==> flow/design.v <==
module mux_mod #(
  parameter integer DATA_WIDTH = 1,
  parameter integer N_IN = 64,
  parameter integer SW = $clog2(N_IN)
) (
  input wire sys_clk,
  input wire enable,
  input wire [N_IN*DATA_WIDTH-1:0] src,
  input wire [SW-1:0] s,
  output wire [DATA_WIDTH-1:0] o
);
  reg [N_IN*DATA_WIDTH-1:0] r_src;
  reg [SW-1:0] r_s;
  always @(posedge sys_clk) begin
    if (enable) begin
      r_src <= src;
      r_s <= s;
    end
  end
  wire [DATA_WIDTH-1:0] lvl [1:2*N_IN-1];
  genvar k;
  generate
    for (k = 0; k < N_IN; k = k + 1) begin : stage
      assign lvl[N_IN+k] = r_src[k*DATA_WIDTH +: DATA_WIDTH];
    end
    for (k = 1; k < N_IN; k = k + 1) begin : g_bit
      sel2 #(.N(DATA_WIDTH)) el (.a(lvl[2*k]), .b(lvl[2*k+1]), .s(r_s[SW - $clog2(k+1)]), .y(lvl[k]));
    end
  endgenerate
  assign o = lvl[1];
endmodule
module sel2 #(parameter N = 1) (
  input wire [N-1:0] a,
  input wire [N-1:0] b,
  input wire s,
  output wire [N-1:0] y
);
  assign y = s ? b : a;
endmodule
Lab notebook: mux_mod

Tool chain data of mux_mod
A sweep over "DATA_WIDTH": the same steps for each member of the family.
The file above is the member DATA_WIDTH 1. Line numbers count from 1 in each member's own file.
Cell names lack the library's common part.
A cell with - has no value.
- design top: mux_mod
- clock input: sys_clk
- cell library: sky130hd
- corner: tt_025C_1v80

Members of the sweep
Lines of each other member's file that are new or changed against the file above; lines that a member lacks are not shown.
- lines new or changed (DATA_WIDTH ; line ; source):
    2 ; 2 ; parameter integer DATA_WIDTH = 2,
    3 ; 2 ; parameter integer DATA_WIDTH = 3,
    4 ; 2 ; parameter integer DATA_WIDTH = 4,
    6 ; 2 ; parameter integer DATA_WIDTH = 6,
    10 ; 2 ; parameter integer DATA_WIDTH = 10,
    16 ; 2 ; parameter integer DATA_WIDTH = 16,

Elaborated design
Counts by Yosys on the flattened word-level netlist (proc, flatten, opt, wreduce). Print and check cells are left out. Cells with the same type and inputs are merged into one.
- storage and ports (DATA_WIDTH ; register bits after elaboration ; input port bits ; output and inout bits):
    1 ; 70 ; 72 ; 1
    2 ; 134 ; 136 ; 2
    3 ; 198 ; 200 ; 3
    4 ; 262 ; 264 ; 4
    6 ; 390 ; 392 ; 6
    10 ; 646 ; 648 ; 10
    16 ; 1030 ; 1032 ; 16
- operators by class (DATA_WIDTH ; muxes and demuxes):
    1 ; 63
    2 ; 63
    3 ; 63
    4 ; 63
    6 ; 63
    10 ; 63
    16 ; 63
- operators by type and width (DATA_WIDTH ; kind and count):
    1 ; two-way mux 1 bit (63)
    2 ; two-way mux 2 bit (63)
    3 ; two-way mux 3 bit (63)
    4 ; two-way mux 4 bit (63)
    6 ; two-way mux 6 bit (63)
    10 ; two-way mux 10 bit (63)
    16 ; two-way mux 16 bit (63)

Depth
Longest topological path by Yosys (ltp), each cell counted once; first at word level (registers and memories cut), then after technology mapping (sequential cells cut; the memories' decode and read muxes count).
- logic depth (DATA_WIDTH ; depth after elaboration ; ABC_AREA ; depth in mapped cells ; gate-level depth less buffers):
    1 ; 6 ; 0 ; 7 ; 5
    2 ; 6 ; 0 ; 9 ; 6
    3 ; 6 ; 0 ; 9 ; 5
    4 ; 6 ; 0 ; 7 ; 4
    6 ; 6 ; 0 ; 9 ; 5
    10 ; 6 ; 0 ; 10 ; 5
    16 ; 6 ; 0 ; 10 ; 5

Mapped cells and area
The flow's flattened synthesis, as Yosys stat reports it; memories are mapped. The netlist is that of the ABC_AREA named above (0 if unset); the other value can give another one.
- cell types (DATA_WIDTH ; types with counts):
    1 ; edfxtp_1 (70); mux4_2 (11); mux2i_1 (5); mux4_1 (1); nor2_1 (7); a211oi_2 (2); nor4_1 (3); a221oi_2 (1); a22oi_1 (2); buf_2 (3); inv_1 (4); and3_1 (2); nand2b_1 (2); nor2b_1 (2); buf_6 (1); mux2_2 (1); nand2_1 (3); nand3_1 (2); (+10)
    2 ; edfxtp_1 (134); mux2i_1 (36); mux4_2 (12); mux4_1 (4); nand3_1 (14); a211oi_1 (8); nand2_1 (14); nor2b_1 (7); nand4_1 (6); a22oi_1 (4); buf_4 (3); buf_6 (2); buf_12 (1); buf_2 (4); and2b_1 (2); buf_8 (1); o31ai_1 (2); nand2b_1 (2); (+7)
    3 ; edfxtp_1 (198); mux4_2 (37); mux4_1 (10); mux2i_1 (10); nand2b_1 (6); buf_2 (7); o221ai_1 (4); nor2b_1 (5); o22ai_1 (5); a211oi_1 (3); buf_6 (2); a21oi_1 (4); buf_12 (1); nand3_1 (4); o41ai_1 (2); buf_4 (2); nand2_1 (4); o21a_1 (2); (+16)
    4 ; edfxtp_1 (262); mux4_2 (42); mux4_1 (18); mux2i_1 (10); mux2_2 (8); o221ai_1 (7); buf_6 (5); o22ai_1 (8); a221oi_1 (5); buf_12 (2); nand2_1 (10); a22o_1 (4); a211oi_1 (4); buf_2 (6); o211ai_1 (4); buf_4 (3); o21ai_1 (4); a31oi_1 (3); (+19)
    6 ; edfxtp_1 (390); mux4_2 (90); mux4_1 (8); mux2i_1 (7); o221ai_1 (8); o22ai_1 (11); buf_2 (12); buf_6 (5); nor2b_1 (8); mux2_2 (4); buf_12 (2); a211oi_1 (5); buf_4 (5); nor2_1 (10); o21ai_1 (7); a21oi_1 (6); clkbuf_1 (8); a221oi_1 (3); (+37)
    10 ; edfxtp_1 (646); mux4_2 (141); mux2i_1 (24); mux4_1 (9); o221ai_1 (14); o22ai_1 (19); buf_2 (19); mux2_2 (8); nor2b_1 (14); buf_12 (4); a22oi_1 (9); buf_6 (6); clkbuf_1 (18); nand2_1 (18); nor3_1 (13); a221oi_1 (7); a32o_1 (6); buf_4 (8); (+85)
    16 ; edfxtp_1 (1030); mux4_2 (210); mux2i_1 (87); mux4_1 (14); a22oi_1 (39); mux2_2 (25); nand2_1 (54); buf_2 (36); nor2b_1 (26); buf_6 (13); a221oi_1 (14); buf_4 (13); nand3_1 (19); buf_12 (4); a211oi_1 (10); a21oi_1 (15); a211o_1 (8); a311oi_1 (8); (+97)
The mark (+n) counts cells that are not listed.
- synthesis totals (DATA_WIDTH ; sequential area (um^2) ; cell count ; flip-flops ; chip area (Yosys) (um^2)):
    1 ; 2102.0 ; 132 ; 70 ; 2702.6
    2 ; 4023.9 ; 263 ; 134 ; 5235.0
    3 ; 5945.7 ; 322 ; 198 ; 7571.0
    4 ; 7867.5 ; 424 ; 262 ; 10054.6
    6 ; 11711.2 ; 626 ; 390 ; 14885.5
    10 ; 19398.6 ; 1068 ; 646 ; 24687.4
    16 ; 30929.7 ; 1722 ; 1030 ; 39472.9
By module: a second synthesis without flattening, with its own total; a netlist apart from the flattened one above.
- unflattened totals (DATA_WIDTH ; cell total of the unflattened synthesis ; area total of the unflattened synthesis (um^2)):
    1 ; 133 ; 3047.9
    2 ; 260 ; 5442.7
    3 ; 387 ; 8074.0
    4 ; 514 ; 10705.3
    6 ; 831 ; 18096.1
    10 ; 1339 ; 29567.1
    16 ; 2164 ; 46616.0

Worst setup path after synthesis
OpenSTA on the mapped netlist: ideal clock, no wires. The path of least setup slack (recovery checks aside). Input and output delay are each 20% of the period. Register names are those of the netlist, which keeps one name where synthesis merged equal registers.
- timing after synthesis (DATA_WIDTH ; path kind ; start point ; end point ; stages on the path ; delay of the path (ps) ; clock period (ps) ; slack (ps) ; synthesis period reached (ps)):
    1 ; register -> output ; register r_s[0] ; output port o[0] ; 7 ; 1563 ; 2440 ; 389 ; 2051
    2 ; register -> output ; register r_s[0] ; output port o[1] ; 10 ; 1468 ; 2290 ; 364 ; 1926
    3 ; register -> output ; register r_s[0] ; output port o[0] ; 7 ; 1775 ; 2770 ; 441 ; 2329
    4 ; register -> output ; register r_s[0] ; output port o[0] ; 7 ; 1628 ; 2540 ; 404 ; 2136
    6 ; register -> output ; register r_s[0] ; output port o[4] ; 7 ; 1834 ; 2870 ; 462 ; 2408
    10 ; register -> output ; register r_s[0] ; output port o[6] ; 8 ; 1889 ; 2950 ; 471 ; 2479
    16 ; register -> output ; register r_s[0] ; output port o[13] ; 10 ; 1892 ; 2960 ; 476 ; 2484
"delay of the path" is the arrival time less input delay plus setup time.
A path that ends at an output port has no setup time.
"stages on the path" counts driving pins, that of a launching flip-flop among them; a cell with two outputs on the path counts twice.
"synthesis period reached" is the clock period less the worst setup slack; recovery checks do not enter. This is arithmetic on one report: input and output delays are still those of the set period (20% each).
Between the ends stands the longest chain of elaborated cells between them, by number of cells; it is not shown to be the way that was timed. Of several equally long chains one is given.
Each line given opens the expression or statement behind the cell; cells for indexed reads and writes are added by Yosys, which also makes memories of some case tables.
Between the ends, after synthesis, DATA_WIDTH 1:
- noted cells in the longest elaborated chain: 6
- ends and longest elaborated chain, after synthesis, DATA_WIDTH 1 (item ; line ; source):
    start: declaration ; 13 ; reg [SW-1:0] r_s;
    start: assignment ; 17 ; r_s <= s;
    two-way mux 1 bit x6 ; 38 ; assign y = s ? b : a;
    end: declaration ; 10 ; output wire [DATA_WIDTH-1:0] o
Between the ends, after synthesis, DATA_WIDTH 16:
- noted cells in the longest elaborated chain: 6
- ends and longest elaborated chain, after synthesis, DATA_WIDTH 16 (item ; line ; source):
    start: declaration ; 13 ; reg [SW-1:0] r_s;
    start: assignment ; 17 ; r_s <= s;
    two-way mux 16 bit x6 ; 38 ; assign y = s ? b : a;
    end: declaration ; 10 ; output wire [DATA_WIDTH-1:0] o

Timing after layout
From the final timing report of the run of each member: the path of least setup slack in the routed layout; clock arrival at registers is part of the times.
The path's times are printed in steps of 10 ps; the period is the one set.
- timing post-layout (DATA_WIDTH ; path kind ; start point ; end point ; clock period (ps) ; slack (ps) ; data arrival time (ps) ; buffers on the path ; stages on the path):
    1 ; register -> output ; register r_s[0] ; output port o[0] ; 2440 ; -180 ; 2140 ; 2 ; 8
    2 ; register -> output ; register r_s[0] ; output port o[0] ; 2290 ; -370 ; 2200 ; 3 ; 9
    3 ; register -> output ; register r_s[0] ; output port o[2] ; 2770 ; -310 ; 2530 ; 3 ; 8
    4 ; register -> output ; register r_s[0] ; output port o[3] ; 2540 ; -550 ; 2580 ; 4 ; 9
    6 ; register -> output ; register r_s[0] ; output port o[4] ; 2870 ; -530 ; 2820 ; 4 ; 10
    10 ; register -> output ; register r_s[0] ; output port o[6] ; 2950 ; -510 ; 2870 ; 7 ; 12
    16 ; register -> output ; register r_s[0] ; output port o[10] ; 2960 ; -740 ; 3110 ; 5 ; 10

Flow runs
Settings and results of one run of the flow (Yosys, OpenROAD) for each member follow. The constraints put input and output delay at 20% of the set period each and load the outputs with 0.01 pF.
- CAP_MARGIN at 20
- CORE_MARGIN at 2
- CORE_UTILIZATION: 40
- SLEW_MARGIN: 20
- settings by member (DATA_WIDTH ; period_ns):
    1 ; 2.44
    2 ; 2.29
    3 ; 2.77
    4 ; 2.54
    6 ; 2.87
    10 ; 2.95
    16 ; 2.96
- results (DATA_WIDTH ; reached clock period (ps) ; die area (um^2) ; standard-cell area after layout (um^2) ; Yosys chip area after synthesis (um^2) ; final setup TNS (ps) ; worst-case hold slack (ps) ; power consumption (uW) ; utilization (%) ; worst setup slack after layout (ps)):
    1 ; 2623 ; 7429.6 ; 3842.4 ; 2702.6 ; -183 ; 684 ; 2704 ; 59.5 ; -183
    2 ; 2657 ; 14018.6 ; 7513.5 ; 5235.0 ; -716 ; 465 ; 6017 ; 59.1 ; -367
    3 ; 3082 ; 20043.5 ; 10811.6 ; 7571.0 ; -782 ; 571 ; 6811 ; 58.0 ; -312
    4 ; 3089 ; 26420.9 ; 14675.3 ; 10054.6 ; -2087 ; 441 ; 10220 ; 58.8 ; -549
    6 ; 3398 ; 38773.5 ; 21812.2 ; 14885.5 ; -2935 ; 391 ; 14031 ; 59.6 ; -528
    10 ; 3459 ; 63720.9 ; 36160.9 ; 24687.4 ; -4734 ; 374 ; 22651 ; 58.9 ; -509
    16 ; 3698 ; 101210.0 ; 58203.3 ; 39472.9 ; -10886 ; 362 ; 36564 ; 59.3 ; -738
"reached clock period": clock period set for the run, less the worst setup slack. It is reckoned from that one timing run; input and output delays stay at 20% of the period that was set.
"power consumption" rests on the timing tool's default activity at the inputs, not on a simulated workload.
